==> flow/design.v <==
module scratch #(
   parameter ENTRIES = 6,
   parameter WD = 6,
   parameter N_READ = 3,
   parameter NW = 1,
   parameter IDX_W = $clog2(ENTRIES)
) (
   input CLK,
   input [NW-1:0] i_we,
   input [NW*IDX_W-1:0] i_write_addr,
   input [NW*WD-1:0] i_d,
   input [N_READ*IDX_W-1:0] i_rd_addr,
   output reg [N_READ*WD-1:0] o_rd
);
   reg [WD-1:0] rf [0:ENTRIES-1];
   integer idx;
   always @(posedge CLK) begin
      for (idx = 0; idx < NW; idx = idx + 1)
         if (i_we[idx]) rf[i_write_addr[idx*IDX_W +: IDX_W]] <= i_d[idx*WD +: WD];
   end
   wire [N_READ*WD-1:0] val;
   genvar j;
   generate
      for (j = 0; j < N_READ; j = j + 1) begin : row
         assign val[j*WD +: WD] = rf[i_rd_addr[j*IDX_W +: IDX_W]];
      end
   endgenerate
   always @(posedge CLK)
      o_rd <= val;
endmodule
; Tool chain data of scratch
; The steps from the RTL of scratch to its reports follow in flow order.
; Line numbers count from 1 in the design file above.
; Cell names lack the library's common part.
; The mark -- stands for no value.
[design]
top_module = scratch
clk_port = CLK
library = sky130hd
lib_corner = tt_025C_1v80

; After elaboration
; Yosys after proc, flatten, opt, wreduce and memory -nomap, before mapping. Enables and synchronous resets that opt folds into registers are not counted as muxes. Memory bits, and registers merged into a memory's read port (data or address), are not among the register bits. Print and check cells are not counted. Equal cells are merged and count once.
; Yosys's memory passes give these memory sizes; they may raise the number of words (mostly to a power of two), join words into wider ones and drop unused or constant bits.
[word_totals]
regBits = 0
ramBits = 36
clocked_rd_ports_x_width = 18
mem_count = 1
in_bits = 20
out_inout_bits = 18
wordCells = 4
[memory_table]
columns = name, size, width, rd, write_ports, line
row1 = rf, 6, 6, 3, 1, 15  ; reg [WD-1:0] rf [0:ENTRIES-1];
[op_classes]
n_mux = 3
[ops]
columns = operator, n
row1 = 2-to-1 mux 6 bit, 1
row2 = 2-to-1 mux 3 bit, 1
row3 = 2-to-1 mux 1 bit, 1

; Depth
; Yosys ltp: most cells in a row. Word level: on the elaborated netlist, between registers, memories and ports. Mapped: between sequential cells and ports; inverters and the memories' decode and read muxes count.
[depth]
depth_word = 1
ABC_AREA = 1
depth_mapped = 6
mapped_depth_nobuf = 5

; Netlist
; Source: synth_stat.txt of the flow (Yosys; design flattened, memories mapped). It holds for the ABC_AREA given above (unset counts as 0); a run with the other value may have another netlist.
[synth_totals]
mapped_cells = 275
mapped_area_mm2 = 0.0024348
seqArea_mm2 = 0.0014414
flip_flops = 54
buffers = 12
[types]
columns = type, n
row1 = edfxtp_1, 36
row2 = dfxtp_1, 18
row3 = nand2_1, 95
row4 = nand3_1, 54
row5 = a21oi_1, 18
row6 = buf_6, 6
row7 = inv_1, 15
row8 = o21ai_1, 10
row9 = o21ai_0, 8
row10 = nor2_1, 6
row11 = clkbuf_1, 3
row12 = inv_2, 3
row13 = buf_2, 2
row14 = buf_4, 1

; Timing after synthesis
; Path of least setup slack by OpenSTA after synthesis, without wires, with an ideal clock, recovery checks aside; 20% of the period is set as input and as output delay. Where synthesis merged equal registers, the netlist keeps one of their names.
[synth_timing]
kind = input to register
start = in i_write_addr[2]
end = mem rf[2][0]
period_ns = 1.57
in_delay_ns = 0.314
setup_ns = 0.350
launch_ns = 0.314
t_arrival_ns = 0.722
required_time_ns = 1.220
setup_slack_ns = 0.498
delay_ns = 0.758
stages = 3
path_buffers = 0
synth_period_reached_ns = 1.072
; "delay_ns" = arrival - input delay + setup time.
; "stages": output pins that drive a net of the path, with the launching flip-flop's if there is one; two outputs of one cell count as two.
; "synth_period_reached_ns" = period - worst setup slack (recovery checks aside). The figure is calculated, with input and output delays left at 20% of the set period.
; Between the ends stands the longest chain of elaborated cells between them, by number of cells; it is not shown to be the way that was timed. Of several equally long chains one is given.
; A line is the first line of the expression or statement that the cell stems from. Yosys adds cells for indexed reads and writes and turns some case tables into memories.
[synth_between]
cell_sequence = inv_1 -> nand2_1 -> nor2_1
elab_chain_cells = 1
[synth_rtl]
columns = element, line
row1 = "start, declared", 10  ; input [NW*IDX_W-1:0] i_write_addr,
row2 = 2-to-1 mux 3 bit, 19  ; if (i_we[idx]) rf[i_write_addr[idx*IDX_W +: IDX_W]] <= i_d[idx*WD +: WD];
row3 = "end, declared", 15  ; reg [WD-1:0] rf [0:ENTRIES-1];

; Timing after layout
; Path of least setup slack in the final report of run A (OpenROAD, finished layout, wires in). Where an end is a register, its clock arrival counts in the times.
[layout_timing]
kind = register to output
start = reg o_rd[15]
end = out o_rd[15]
period_ns = 1.51
launch_ns = 0.30
t_arrival_ns = 1.17
required_time_ns = 1.21
setup_slack_ns = 0.04
stages = 2
path_buffers = 1
[layout_between]
cell_sequence = dfxtp_1 -> clkdlybuf4s50_1
elab_chain_cells = 0
[layout_rtl]
columns = element, line
row1 = "start, declared", 13  ; output reg [N_READ*WD-1:0] o_rd
row2 = "end, declared", 13

Wiki page: scratch / flow data

Measured results for scratch: 3 stored runs of the Yosys and OpenROAD flow on sky130hd. The settings differ; the order carries no meaning. The constraints put input and output delay at 20% of the set period each and load the outputs with 0.01 pF.
"achieved_clock_period_ns" means the clock period less the worst setup slack. The figure is calculated, with input and output delays left at 20% of the set period.
"worst_setup_path_time_ns" means the part of the period allowed to the worst setup path (the constraints hold back 20% at inputs and 20% at outputs) less its slack; where the path has registers, the arrival times of their clocks count too.
"power.total_uw" is the tool's figure for a default switching activity; nothing was simulated.

# run A
==> flow/run.sh <==
#!/bin/bash
# the make line also repeats the synthesis and layout settings of config.mk as NAME=value (left out here)
make -C /OpenROAD-flow-scripts/flow DESIGN_CONFIG=/design/flow/config.mk WORK_HOME=/design/flow/orfs CLKGATE_MAP_FILE= finish
==> flow/config.mk <==
export PLATFORM = sky130hd
export DESIGN_NAME = scratch
export DESIGN_NICKNAME = scratch
export VERILOG_FILES = /design/flow/design.v
export SDC_FILE = /design/flow/constraint.sdc
export NUM_CORES = 4
export LEC_CHECK = 0
export ABC_AREA = 1
export CAP_MARGIN = 20
export CORE_ASPECT_RATIO = 0.87
export CORE_MARGIN = 2
export CORE_UTILIZATION = 44
export CTS_CLUSTER_SIZE = 58
export GPL_ROUTABILITY_DRIVEN = 0
export HOLD_SLACK_MARGIN = 0.23
export PLACE_DENSITY_LB_ADDON = 0.07
export SLEW_MARGIN = 20
export TNS_END_PERCENT = 70
==> flow/constraint.sdc <==
create_clock -name core_clock -period 1.51 [get_ports {CLK}]
set_input_delay 0.3020 -clock core_clock [delete_from_list [all_inputs] [get_ports {CLK}]]
set_output_delay 0.3020 -clock core_clock [all_outputs]
set_load 0.01 [all_outputs]

==> run A: results <==
synth_area_mm2=0.0024348
dieArea_mm2=0.0061464
layout_stdcell_area_mm2=0.0030592
utilization_pct=56.9
worstSetupSlack_ns=0.038
timing.setup.tns_ns=0.000
final_hold_ws_ns=0.542
power.total_uw=3122
achieved_clock_period_ns=1.472
worst_setup_path_time_ns=1.17
critical_path_type="register to output"

# run B
==> flow/run.sh <==
#!/bin/bash
# the make line also repeats the synthesis and layout settings of config.mk as NAME=value (left out here)
make -C /OpenROAD-flow-scripts/flow DESIGN_CONFIG=/design/flow/config.mk WORK_HOME=/design/flow/orfs CLKGATE_MAP_FILE= finish
==> flow/config.mk <==
export PLATFORM = sky130hd
export DESIGN_NAME = scratch
export DESIGN_NICKNAME = scratch
export VERILOG_FILES = /design/flow/design.v
export SDC_FILE = /design/flow/constraint.sdc
export NUM_CORES = 4
export LEC_CHECK = 0
export CAP_MARGIN = 35
export CORE_ASPECT_RATIO = 0.55
export CORE_MARGIN = 2
export CORE_UTILIZATION = 38
export CTS_CLUSTER_DIAMETER = 109
export CTS_CLUSTER_SIZE = 61
export GPL_TIMING_DRIVEN = 0
export MAX_ROUTING_LAYER = met4
export PLACE_DENSITY = 0.77
export SETUP_SLACK_MARGIN = 0.22
export SLEW_MARGIN = 20
==> flow/constraint.sdc <==
create_clock -name core_clock -period 1.92 [get_ports {CLK}]
set_input_delay 0.3840 -clock core_clock [delete_from_list [all_inputs] [get_ports {CLK}]]
set_output_delay 0.3840 -clock core_clock [all_outputs]
set_load 0.01 [all_outputs]

==> run B: results <==
synth_area_mm2=0.002356
dieArea_mm2=0.0068744
layout_stdcell_area_mm2=0.0029979
utilization_pct=49.6
worstSetupSlack_ns=0.305
timing.setup.tns_ns=0.000
final_hold_ws_ns=0.603
power.total_uw=2635
achieved_clock_period_ns=1.615
worst_setup_path_time_ns=1.23
critical_path_type="input to register"

# run C
==> flow/run.sh <==
#!/bin/bash
# the make line also repeats the synthesis and layout settings of config.mk as NAME=value (left out here)
make -C /OpenROAD-flow-scripts/flow DESIGN_CONFIG=/design/flow/config.mk WORK_HOME=/design/flow/orfs CLKGATE_MAP_FILE= finish
==> flow/config.mk <==
export PLATFORM = sky130hd
export DESIGN_NAME = scratch
export DESIGN_NICKNAME = scratch
export VERILOG_FILES = /design/flow/design.v
export SDC_FILE = /design/flow/constraint.sdc
export NUM_CORES = 4
export LEC_CHECK = 0
export CAP_MARGIN = 20
export CORE_MARGIN = 2
export CORE_UTILIZATION = 40
export SLEW_MARGIN = 20
==> flow/constraint.sdc <==
create_clock -name core_clock -period 1.57 [get_ports {CLK}]
set_input_delay 0.3140 -clock core_clock [delete_from_list [all_inputs] [get_ports {CLK}]]
set_output_delay 0.3140 -clock core_clock [all_outputs]
set_load 0.01 [all_outputs]

==> run C: results <==
synth_area_mm2=0.002356
dieArea_mm2=0.0065198
layout_stdcell_area_mm2=0.0031605
utilization_pct=56.4
worstSetupSlack_ns=0.067
timing.setup.tns_ns=0.000
final_hold_ws_ns=0.611
power.total_uw=2790
achieved_clock_period_ns=1.503
worst_setup_path_time_ns=1.19
critical_path_type="input to register"
